==> flow/design.v <==
module mul_unit_n (clk, RSTN, opa_i, res_o);
   parameter XLEN = 7;
   parameter SCALE = 2731;
   localparam RW = XLEN + $clog2(SCALE + 1);
   input clk;
   input RSTN;
   input [XLEN-1:0] opa_i;
   output [RW-1:0] res_o;
   reg [XLEN-1:0] opa_r;
   always @(posedge clk) begin
      if (!RSTN) begin
         opa_r <= 0;
      end else begin
         opa_r <= opa_i;
      end
   end
   reg [RW-1:0] tmp;
   integer n;
   always @* begin
      tmp = 0;
      for (n = 0; n < RW - XLEN; n = n + 1)
         if ((SCALE >> n) & 1) tmp = tmp + (opa_r << n);
   end
   reg [RW-1:0] res_r;
   always @(posedge clk) begin
      if (!RSTN) begin
         res_r <= 0;
      end else begin
         res_r <= tmp;
      end
   end
   assign res_o = res_r;
endmodule
Ticket comment

Tool chain data of mul_unit_n
Module mul_unit_n in several versions that differ in "XLEN"; each step lists the members. The file above is the member XLEN = 7. Line numbers count from 1 in each member's own file. Operators: Yosys type, input widths -> output width; for muxes data width and select width s. Cell names lack the library's common part. A cell with - has no value.

Design top: mul_unit_n. Clock port: clk. Library: sky130hd. Corner: tt_025C_1v80.

Source of the members
Lines of each other member's file that are new or changed against the file above; lines that a member lacks are not shown.

Lines new or changed: XLEN 14 (RTL line 2) `parameter XLEN = 14;`; XLEN 16 (RTL line 2) `parameter XLEN = 16;`; XLEN 28 (RTL line 2) `parameter XLEN = 28;`; XLEN 48 (RTL line 2) `parameter XLEN = 48;`.

Word level
Source: Yosys, flattened and elaborated, memories not mapped. Widths are those after wreduce; folded enables and synchronous resets count as part of the registers. Registers that Yosys merges into a memory's read port (data or address) are not register bits. Print and check cells do not count. Equal cells are merged and count once.

Word-level totals: XLEN 7 (output and inout bits 19, word-level cells 8, bits of input ports 9, bits in registers 26); XLEN 14 (output and inout bits 26, word-level cells 8, bits of input ports 16, bits in registers 40); XLEN 16 (output and inout bits 28, word-level cells 8, bits of input ports 18, bits in registers 44); XLEN 28 (output and inout bits 40, word-level cells 8, bits of input ports 30, bits in registers 68); XLEN 48 (output and inout bits 60, word-level cells 8, bits of input ports 50, bits in registers 108).

Cells by class (add/subtract/negate cells): XLEN 7 (6); XLEN 14 (6); XLEN 16 (6); XLEN 28 (6); XLEN 48 (6).

Operators by type and width (kind and count): XLEN 7 (1 x $add 17x18->19; 1 x $add 15x16->17; 1 x $add 13x14->15; 1 x $add 11x12->13; 1 x $add 9x10->11; 1 x $add 7x8->9); XLEN 14 (1 x $add 24x25->26; 1 x $add 22x23->24; 1 x $add 20x21->22; 1 x $add 18x19->20; 1 x $add 16x17->18; 1 x $add 14x15->16); XLEN 16 (1 x $add 26x27->28; 1 x $add 24x25->26; 1 x $add 22x23->24; 1 x $add 20x21->22; 1 x $add 18x19->20; 1 x $add 16x17->18); XLEN 28 (1 x $add 38x39->40; 1 x $add 36x37->38; 1 x $add 34x35->36; 1 x $add 32x33->34; 1 x $add 30x31->32; 1 x $add 28x29->30); XLEN 48 (1 x $add 58x59->60; 1 x $add 56x57->58; 1 x $add 54x55->56; 1 x $add 52x53->54; 1 x $add 50x51->52; 1 x $add 48x49->50).

Longest topological paths
Depth = most cells in a row (Yosys ltp): at word level without a register or memory, in the mapped netlist without a sequential cell, where the memories' decode and read muxes count.

Logic depth: XLEN 7 (depth in word-level cells 6, ABC_AREA 0, depth in mapped cells 12, gate-level depth less buffers 12); XLEN 14 (depth in word-level cells 6, ABC_AREA 0, depth in mapped cells 16, gate-level depth less buffers 16); XLEN 16 (depth in word-level cells 6, ABC_AREA 0, depth in mapped cells 15, gate-level depth less buffers 15); XLEN 28 (depth in word-level cells 6, ABC_AREA 0, depth in mapped cells 17, gate-level depth less buffers 16); XLEN 48 (depth in word-level cells 6, ABC_AREA 0, depth in mapped cells 19, gate-level depth less buffers 18).

After synthesis
The flow's flattened synthesis, as Yosys stat reports it; memories are mapped. The netlist is that of the ABC_AREA named above (0 if unset); the other value can give another one. The area totals of this step are shown rounded.

Cell types (types with counts): XLEN 7 (26 x dfxtp_1; 24 x ha_1; 9 x fa_1; 27 x inv_1; 10 x and2_1; 8 x a211oi_1; 6 x a21o_1; 7 x a21oi_1; 9 x nor2_1; 6 x o21ai_0; 3 x o31a_1; 3 x o21bai_1; 2 x mux2i_1; 5 x nand2_1; 1 x a2111oi_2; 3 x nor3_1; 2 x o211ai_1; 1 x nor2b_4; [+22]); XLEN 14 (65 x ha_1; 40 x dfxtp_1; 40 x fa_1; 66 x inv_1; 35 x and2_1; 11 x xnor2_1; 14 x a21oi_1; 9 x a21o_1; 6 x xor2_1; 13 x nand2_1; 9 x nor2_1; 3 x mux2i_1; 4 x a31oi_1; 5 x o21ai_1; 3 x a211oi_1; 3 x a21boi_1; 3 x o21a_1; 4 x nand3_1; [+38]); XLEN 16 (51 x fa_1; 44 x dfxtp_1; 64 x ha_1; 63 x inv_1; 24 x and2_1; 29 x nor2_1; 18 x a21oi_1; 18 x nand2_1; 13 x o21ai_0; 7 x xnor2_1; 7 x a21o_1; 4 x a211oi_2; 5 x mux2i_1; 6 x o21a_1; 5 x xor2_1; 5 x nand4_1; 4 x o31ai_1; 1 x a2111oi_4; [+48]); XLEN 28 (96 x fa_1; 68 x dfxtp_1; 79 x ha_1; 135 x inv_1; 37 x and2_1; 34 x a21oi_1; 41 x nand2_1; 34 x nor2_1; 12 x mux2i_1; 12 x xor2_1; 12 x a21o_1; 14 x nand2b_1; 9 x xnor2_1; 13 x o21ai_0; 12 x nor3_1; 9 x nand3_1; 6 x o21a_1; 6 x a31oi_1; [+86]); XLEN 48 (176 x fa_1; 108 x dfxtp_1; 99 x ha_1; 261 x inv_1; 57 x and2_1; 42 x a21o_1; 63 x a21oi_1; 67 x nor2_1; 26 x xnor2_1; 52 x nand2_1; 36 x o21ai_0; 18 x xor2_1; 20 x nand4_1; 27 x clkbuf_1; 11 x o21bai_1; 10 x and3_1; 8 x a211oi_1; 8 x o21a_1; [+86]).

A list marked [+n] leaves out that many cells.

Mapped netlist: XLEN 7 (mapped flip-flops 26, cells in the netlist 174, sequential part of the area 520 um2, cell area after synthesis 1660 um2); XLEN 14 (mapped flip-flops 40, cells in the netlist 371, sequential part of the area 801 um2, cell area after synthesis 3680 um2); XLEN 16 (mapped flip-flops 44, cells in the netlist 416, sequential part of the area 881 um2, cell area after synthesis 4130 um2); XLEN 28 (mapped flip-flops 68, cells in the netlist 715, sequential part of the area 1360 um2, cell area after synthesis 6860 um2); XLEN 48 (mapped flip-flops 108, cells in the netlist 1175, sequential part of the area 2160 um2, cell area after synthesis 11000 um2).

Path before layout
Path of least setup slack by OpenSTA after synthesis, without wires, with an ideal clock, recovery checks aside; 20% of the period is set as input and as output delay. Where synthesis merged equal registers, the netlist keeps one of their names.

Timing path after synthesis: XLEN 7 (path kind flip-flop to flip-flop, start reg opa_r[0], end reg res_r[15], setup slack 0.736 ns, path delay 2.954 ns, stages 11, period 3.69 ns, period reached after synthesis 2.954 ns); XLEN 14 (path kind flip-flop to flip-flop, start reg opa_r[0], end reg res_r[24], setup slack 1.037 ns, path delay 4.133 ns, stages 17, period 5.17 ns, period reached after synthesis 4.133 ns); XLEN 16 (path kind flip-flop to flip-flop, start reg opa_r[1], end reg res_r[23], setup slack 1.022 ns, path delay 4.068 ns, stages 14, period 5.09 ns, period reached after synthesis 4.068 ns); XLEN 28 (path kind flip-flop to flip-flop, start reg opa_r[11], end reg res_r[25], setup slack 1.081 ns, path delay 4.309 ns, stages 17, period 5.39 ns, period reached after synthesis 4.309 ns); XLEN 48 (path kind flip-flop to flip-flop, start reg opa_r[13], end reg res_r[56], setup slack 1.194 ns, path delay 4.787 ns, stages 20, period 5.98 ns, period reached after synthesis 4.786 ns).

"path delay" is the arrival time less input delay plus setup time. "stages" counts driving pins, that of a launching flip-flop among them; a cell with two outputs on the path counts twice. "period reached after synthesis" = period - worst setup slack (recovery checks aside). The figure is calculated, with input and output delays left at 20% of the set period. The rows between start and end are the longest chain of elaborated cells between them; the timing report does not say that the signal goes this way. Where chains are equally long, one stands for them. Each line given opens the expression or statement behind the cell; cells for indexed reads and writes are added by Yosys, which also makes memories of some case tables.

On the way, after synthesis, XLEN = 7:
For length of the longest elaborated chain the number is 6.

Ends and longest elaborated chain, after synthesis, XLEN = 7: start: declaration (RTL line 9) `reg [XLEN-1:0] opa_r;`; start: assignment (RTL line 12) `opa_r <= 0;`; start: assignment (RTL line 14) `opa_r <= opa_i;`; $add 7x8->9 (RTL line 22) `if ((SCALE >> n) & 1) tmp = tmp + (opa_r << n);`; $add 9x10->11 (RTL line 22); $add 11x12->13 (RTL line 22); $add 13x14->15 (RTL line 22); $add 15x16->17 (RTL line 22); $add 17x18->19 (RTL line 22); end: assignment (RTL line 27) `res_r <= 0;`; end: assignment (RTL line 29) `res_r <= tmp;`; end: declaration (RTL line 24) `reg [RW-1:0] res_r;`.

On the way, after synthesis, XLEN = 48:
For length of the longest elaborated chain the number is 6.

Ends and longest elaborated chain, after synthesis, XLEN = 48: start: declaration (RTL line 9) `reg [XLEN-1:0] opa_r;`; start: assignment (RTL line 12) `opa_r <= 0;`; start: assignment (RTL line 14) `opa_r <= opa_i;`; $add 48x49->50 (RTL line 22) `if ((SCALE >> n) & 1) tmp = tmp + (opa_r << n);`; $add 50x51->52 (RTL line 22); $add 52x53->54 (RTL line 22); $add 54x55->56 (RTL line 22); $add 56x57->58 (RTL line 22); $add 58x59->60 (RTL line 22); end: assignment (RTL line 27) `res_r <= 0;`; end: assignment (RTL line 29) `res_r <= tmp;`; end: declaration (RTL line 24) `reg [RW-1:0] res_r;`.

Worst path after layout
From the final timing report of the run of each member: the path of least setup slack in the routed layout; clock arrival at registers is part of the times.

Timing path post-layout: XLEN 7 (path kind flip-flop to flip-flop, start reg opa_r[0], end reg res_r[15], setup slack 0.53 ns, path buffers 0, period 3.69 ns, stages 11, data arrival time 3.35 ns); XLEN 14 (path kind flip-flop to flip-flop, start reg opa_r[0], end reg res_r[24], setup slack 0.70 ns, path buffers 0, period 5.17 ns, stages 17, data arrival time 4.67 ns); XLEN 16 (path kind flip-flop to flip-flop, start reg opa_r[2], end reg res_r[24], setup slack 0.60 ns, path buffers 0, period 5.09 ns, stages 10, data arrival time 4.68 ns); XLEN 28 (path kind flip-flop to flip-flop, start reg opa_r[11], end reg res_r[25], setup slack 0.43 ns, path buffers 0, period 5.39 ns, stages 17, data arrival time 5.21 ns); XLEN 48 (path kind flip-flop to flip-flop, start reg opa_r[11], end reg res_r[38], setup slack 0.52 ns, path buffers 0, period 5.98 ns, stages 19, data arrival time 5.69 ns).

Measured runs
One run of the flow (Yosys, OpenROAD) for each member, with settings and measured results. Input and output delays are each 20% of the period that was set; the output load is 0.01 pF.

Under CAP_MARGIN stands 20. CORE_MARGIN: 2. The entry for CORE_UTILIZATION reads 40. For SLEW_MARGIN the number is 20.

Settings that differ (period_ns): XLEN 7 (3.69); XLEN 14 (5.17); XLEN 16 (5.09); XLEN 28 (5.39); XLEN 48 (5.98).

Final reports: XLEN 7 (setup slack of the critical path 0.528 ns, chip area after synthesis (Yosys) 1660 um2, achieved period 3.162 ns, summed negative setup slack 0.000 ns, die outline area 4690 um2, standard-cell area after layout 2030 um2, utilization in the final report 0.507); XLEN 14 (setup slack of the critical path 0.695 ns, chip area after synthesis (Yosys) 3680 um2, achieved period 4.475 ns, summed negative setup slack 0.000 ns, die outline area 9990 um2, standard-cell area after layout 4320 um2, utilization in the final report 0.477); XLEN 16 (setup slack of the critical path 0.605 ns, chip area after synthesis (Yosys) 4130 um2, achieved period 4.485 ns, summed negative setup slack 0.000 ns, die outline area 11200 um2, standard-cell area after layout 4830 um2, utilization in the final report 0.475); XLEN 28 (setup slack of the critical path 0.429 ns, chip area after synthesis (Yosys) 6860 um2, achieved period 4.961 ns, summed negative setup slack 0.000 ns, die outline area 18200 um2, standard-cell area after layout 7990 um2, utilization in the final report 0.479); XLEN 48 (setup slack of the critical path 0.518 ns, chip area after synthesis (Yosys) 11000 um2, achieved period 5.462 ns, summed negative setup slack 0.000 ns, die outline area 28900 um2, standard-cell area after layout 12700 um2, utilization in the final report 0.471).

"achieved period": clock period set for the run, less the worst setup slack. It is reckoned from that one timing run; input and output delays stay at 20% of the period that was set. The measured numbers are rounded.
